==> flow/design.v <==
module gen_mag_cmp #(
    parameter int DATA_W = 24,
    parameter int COUNT = 7
) (
    input logic clk,
    input logic aresetn,
    input logic [COUNT*DATA_W-1:0] src,
    output logic [DATA_W-1:0] hi
);
    logic [COUNT*DATA_W-1:0] src_ff;
    always_ff @(posedge clk or negedge aresetn) begin
        if (!aresetn) begin
            src_ff <= '0;
        end else begin
            src_ff <= src;
        end
    end
    wire [DATA_W-1:0] tree [1:2*COUNT-1];
    for (genvar g = 0; g < COUNT; g++) begin : g_bit
        assign tree[COUNT+g] = src_ff[g*DATA_W +: DATA_W];
    end
    for (genvar g = 1; g < COUNT; g++) begin : u_g
        assign tree[g] = (tree[2*g] > tree[2*g+1]) ? tree[2*g] : tree[2*g+1];
    end
    logic [DATA_W-1:0] hi_ff;
    always_ff @(posedge clk or negedge aresetn) begin
        if (!aresetn) begin
            hi_ff <= '0;
        end else begin
            hi_ff <= tree[1];
        end
    end
    assign hi = hi_ff;
endmodule
Tool chain data of gen_mag_cmp
The steps from the RTL of gen_mag_cmp to its reports follow in flow order.
Line numbers count from 1 in the design file above.
Cell names lack the library's common part.
{ "inputs": {"design": "gen_mag_cmp", "clock": "clk", "lib": "sky130hd", "pvt_corner": "tt_025C_1v80"} }

Elaborated design
Counts by Yosys on the flattened word-level netlist (proc, flatten, opt, wreduce). Print and check cells are left out. Cells with the same type and inputs are merged into one.
{ "op_classes": {"add_sub_neg": 0, "mul": 0, "n_div": 0, "n_cmp": 6, "n_eq": 0, "n_shift": 0, "mux": 6, "logic": 0, "reduce_and_logical": 0} }
{ "op_table": {"columns": ["operator", "n"], "rows": [
  ["24-bit > comparator", 6],
  ["24-bit two-way mux", 6]
]} }
{ "word_totals": {"regBits": 192, "latch_bits": 0, "ram_bits": 0, "mem_bits_ro": 0, "clocked_rd_ports_x_width": 0, "memories": 0, "in_bits": 170, "out_inout_bits": 24, "wordCells": 14} }

Logic depth
Longest topological path by Yosys (ltp), each cell counted once; first at word level (registers and memories cut), then after technology mapping (sequential cells cut; the memories' decode and read muxes count).
{ "depth": {"word_depth": 6, "ABC_AREA": 0, "depth_mapped": 31, "ltp_nobuf": 27} }

Synthesis result
Source: synth_stat.txt of the flow (Yosys; design flattened, memories mapped). It holds for the ABC_AREA given above (unset counts as 0); a run with the other value may have another netlist.
Totals and module areas in this step are rounded.
{ "mapped": {"cells": 866, "yosys_area_mm2": 0.01, "sequential_area_mm2": 0.0048, "flip_flops": 192, "buffers": 13} }
{ "by_type": {"columns": ["type", "n", "type_area_um2"], "rows": [
  ["dfrtp_1", 192, 4.8E+03],
  ["ha_1", 144, 1.8E+03],
  ["mux2i_1", 100, 1000.96],
  ["inv_1", 147, 551.779],
  ["mux2_2", 42, 472.954],
  ["a21oi_1", 60, 300.288],
  ["nand4_1", 32, 200.192],
  ["nand2_1", 28, 105.101],
  ["o21ai_0", 17, 85.082],
  ["nand3_1", 14, 70.067],
  ["a21o_1", 9, 67.565],
  ["a211oi_1", 6, 45.043],
  ["o211ai_1", 6, 45.043],
  ["nor2_1", 11, 41.29],
  ["buf_12", 2, 40.038],
  ["nor2b_1", 6, 37.536],
  ["a21boi_0", 4, 30.029],
  ["buf_4", 4, 30.029]
]} }
Other cell types: 25; their cells: 42.

Path before layout
OpenSTA on the mapped netlist: ideal clock, no wires. The path of least setup slack (recovery checks aside). Input and output delay are each 20% of the period. Register names are those of the netlist, which keeps one name where synthesis merged equal registers.
{ "synth_path": {"path_kind": "register to register", "start": "register src_ff[46]", "end": "register hi_ff[0]", "tclk_ns": 7.97, "setup_time_ns": 0.082, "launch_ns": 0.000, "t_arrival_ns": 6.293, "required_ns": 7.888, "path_slack_ns": 1.595, "delay_ns": 6.375, "driving_pins": 30, "n_path_buf": 3, "synth_period_reached_ns": 6.375} }
"delay_ns" = arrival - input delay + setup time.
"driving_pins" counts driving pins, that of a launching flip-flop among them; a cell with two outputs on the path counts twice.
"synth_period_reached_ns" = period - worst setup slack (recovery checks aside). The figure is calculated, with input and output delays left at 20% of the set period.
Between the ends stands the longest chain of elaborated cells between them, by number of cells; it is not shown to be the way that was timed. Of several equally long chains one is given.
Each line given opens the expression or statement behind the cell; cells for indexed reads and writes are added by Yosys, which also makes memories of some case tables.
{ "synth_between": {"cell_sequence": "dfrtp_1 ha_1 nand4_1 or2_4 nor4_4 o31ai_2 a31oi_4 buf_12 mux2i_1 inv_1 ha_1 a21o_1 nand3_1 a21oi_1 a2111oi_0 o22ai_1 o21ai_1 buf_2 mux2_2 inv_1 ha_1 a21o_1 nand3_1 a21oi_1 a2111oi_0 o21ai_0 o21ai_1 clkbuf_1 o21a_1 o2bb2ai_1", "elab_chain_len": 6, "cone_cells": 6, "cone_lines": 1, "cone_classes": "compare (3); mux (3)"} }
{ "synth_rtl": {"columns": ["element", "line", "source"], "rows": [
  ["start, declared", 10, "logic [COUNT*DATA_W-1:0] src_ff;"],
  ["start, assigned", 13, "src_ff <= '0;"],
  ["start, assigned", 15, "src_ff <= src;"],
  ["24-bit > comparator", 23, "assign tree[g] = (tree[2*g] > tree[2*g+1]) ? tree[2*g] : tree[2*g+1];"],
  ["24-bit two-way mux", 23, null],
  ["24-bit > comparator", 23, null],
  ["24-bit two-way mux", 23, null],
  ["24-bit > comparator", 23, null],
  ["24-bit two-way mux", 23, null],
  ["end, assigned", 28, "hi_ff <= '0;"],
  ["end, assigned", 30, "hi_ff <= tree[1];"],
  ["end, declared", 25, "logic [DATA_W-1:0] hi_ff;"]
]} }

Path in the finished layout
Path of least setup slack in the final report of run 2 (OpenROAD, finished layout, wires in). Where an end is a register, its clock arrival counts in the times.
{ "layout_path": {"path_kind": "register to register", "start": "register src_ff[91]", "end": "register hi_ff[4]", "tclk_ns": 7.97, "setup_time_ns": 0.11, "launch_ns": 0.43, "t_arrival_ns": 7.77, "required_ns": 8.29, "path_slack_ns": 0.52, "driving_pins": 28, "n_path_buf": 3} }
Between the ends stands the longest chain of elaborated cells between them, by number of cells; it is not shown to be the way that was timed. Of several equally long chains one is given.
{ "layout_between": {"cell_sequence": "dfrtp_1 ha_1 and4_1 nand2_1 nor3_1 o21ai_0 a21boi_4 buf_4 mux2i_1 ha_1 a21o_1 nand3_1 a21oi_1 a2111oi_0 o22ai_1 o21ai_2 buf_4 mux2_2 inv_1 ha_1 a21o_1 nand3_1 a21oi_1 a2111oi_0 o21ai_0 o21ai_2 buf_12 mux2_2", "elab_chain_len": 6, "cone_cells": 6, "cone_lines": 1, "cone_classes": "compare (3); mux (3)"} }
{ "layout_rtl": {"columns": ["element", "line", "source"], "rows": [
  ["start, declared", 10, "logic [COUNT*DATA_W-1:0] src_ff;"],
  ["start, assigned", 13, "src_ff <= '0;"],
  ["start, assigned", 15, "src_ff <= src;"],
  ["24-bit > comparator", 23, "assign tree[g] = (tree[2*g] > tree[2*g+1]) ? tree[2*g] : tree[2*g+1];"],
  ["24-bit two-way mux", 23, null],
  ["24-bit > comparator", 23, null],
  ["24-bit two-way mux", 23, null],
  ["24-bit > comparator", 23, null],
  ["24-bit two-way mux", 23, null],
  ["end, assigned", 28, "hi_ff <= '0;"],
  ["end, assigned", 30, "hi_ff <= tree[1];"],
  ["end, declared", 25, "logic [DATA_W-1:0] hi_ff;"]
]} }

Data sheet: physical implementation of gen_mag_cmp

2 stored runs of gen_mag_cmp in the flow (synthesis by Yosys, layout by OpenROAD, sky130hd cells), in arbitrary order. Constraints: input delay and output delay 20% of the set period each, output load 0.01 pF.
By "timing.achieved_period_ns" is meant the clock period of the run minus its worst setup slack. This is arithmetic on one report: input and output delays are still those of the set period (20% each).
By "worstPathTime_ns" is meant the share of the clock period that the worst setup path is allowed (20% is reserved at inputs, 20% at outputs), minus its slack. Clock arrival times at its registers enter into it.
By "totalPower_mw" is meant OpenSTA's value without simulated activity: inputs other than the clock are taken to toggle once in ten clock periods, and the tool carries that through the logic.
Results are given in rounded form.
[
  {
    "run": "run 1",
    "settings": { "period_ns": 7.29, "CORE_UTILIZATION": 71, "SETUP_SLACK_MARGIN": 1.79, "PLACE_DENSITY_LB_ADDON": 0.25, "CORE_MARGIN": 2, "CTS_CLUSTER_SIZE": 38, "CAP_MARGIN": 30, "SLEW_MARGIN": 5, "MAX_ROUTING_LAYER": "met5" },
    "outcome": "incomplete, clock tree synthesis halted on DPL-0038"
  },
  {
    "run": "run 2",
    "settings": { "period_ns": 7.97, "CAP_MARGIN": 20, "CORE_MARGIN": 2, "CORE_UTILIZATION": 40, "SLEW_MARGIN": 20 },
    "results": { "hold_ws_ns": 0.63, "synth_chip_area_mm2": 0.01, "final_setup_ws_ns": 0.52, "timing.achieved_period_ns": 7.446, "totalPower_mw": 2.9, "worstPathTime_ns": 7.45, "critical_path_type": "register to register", "die_mm2": 0.026, "final_setup_tns_ns": 0.000, "utilization_pct": 52, "final_stdcell_area_mm2": 0.013 }
  }
]
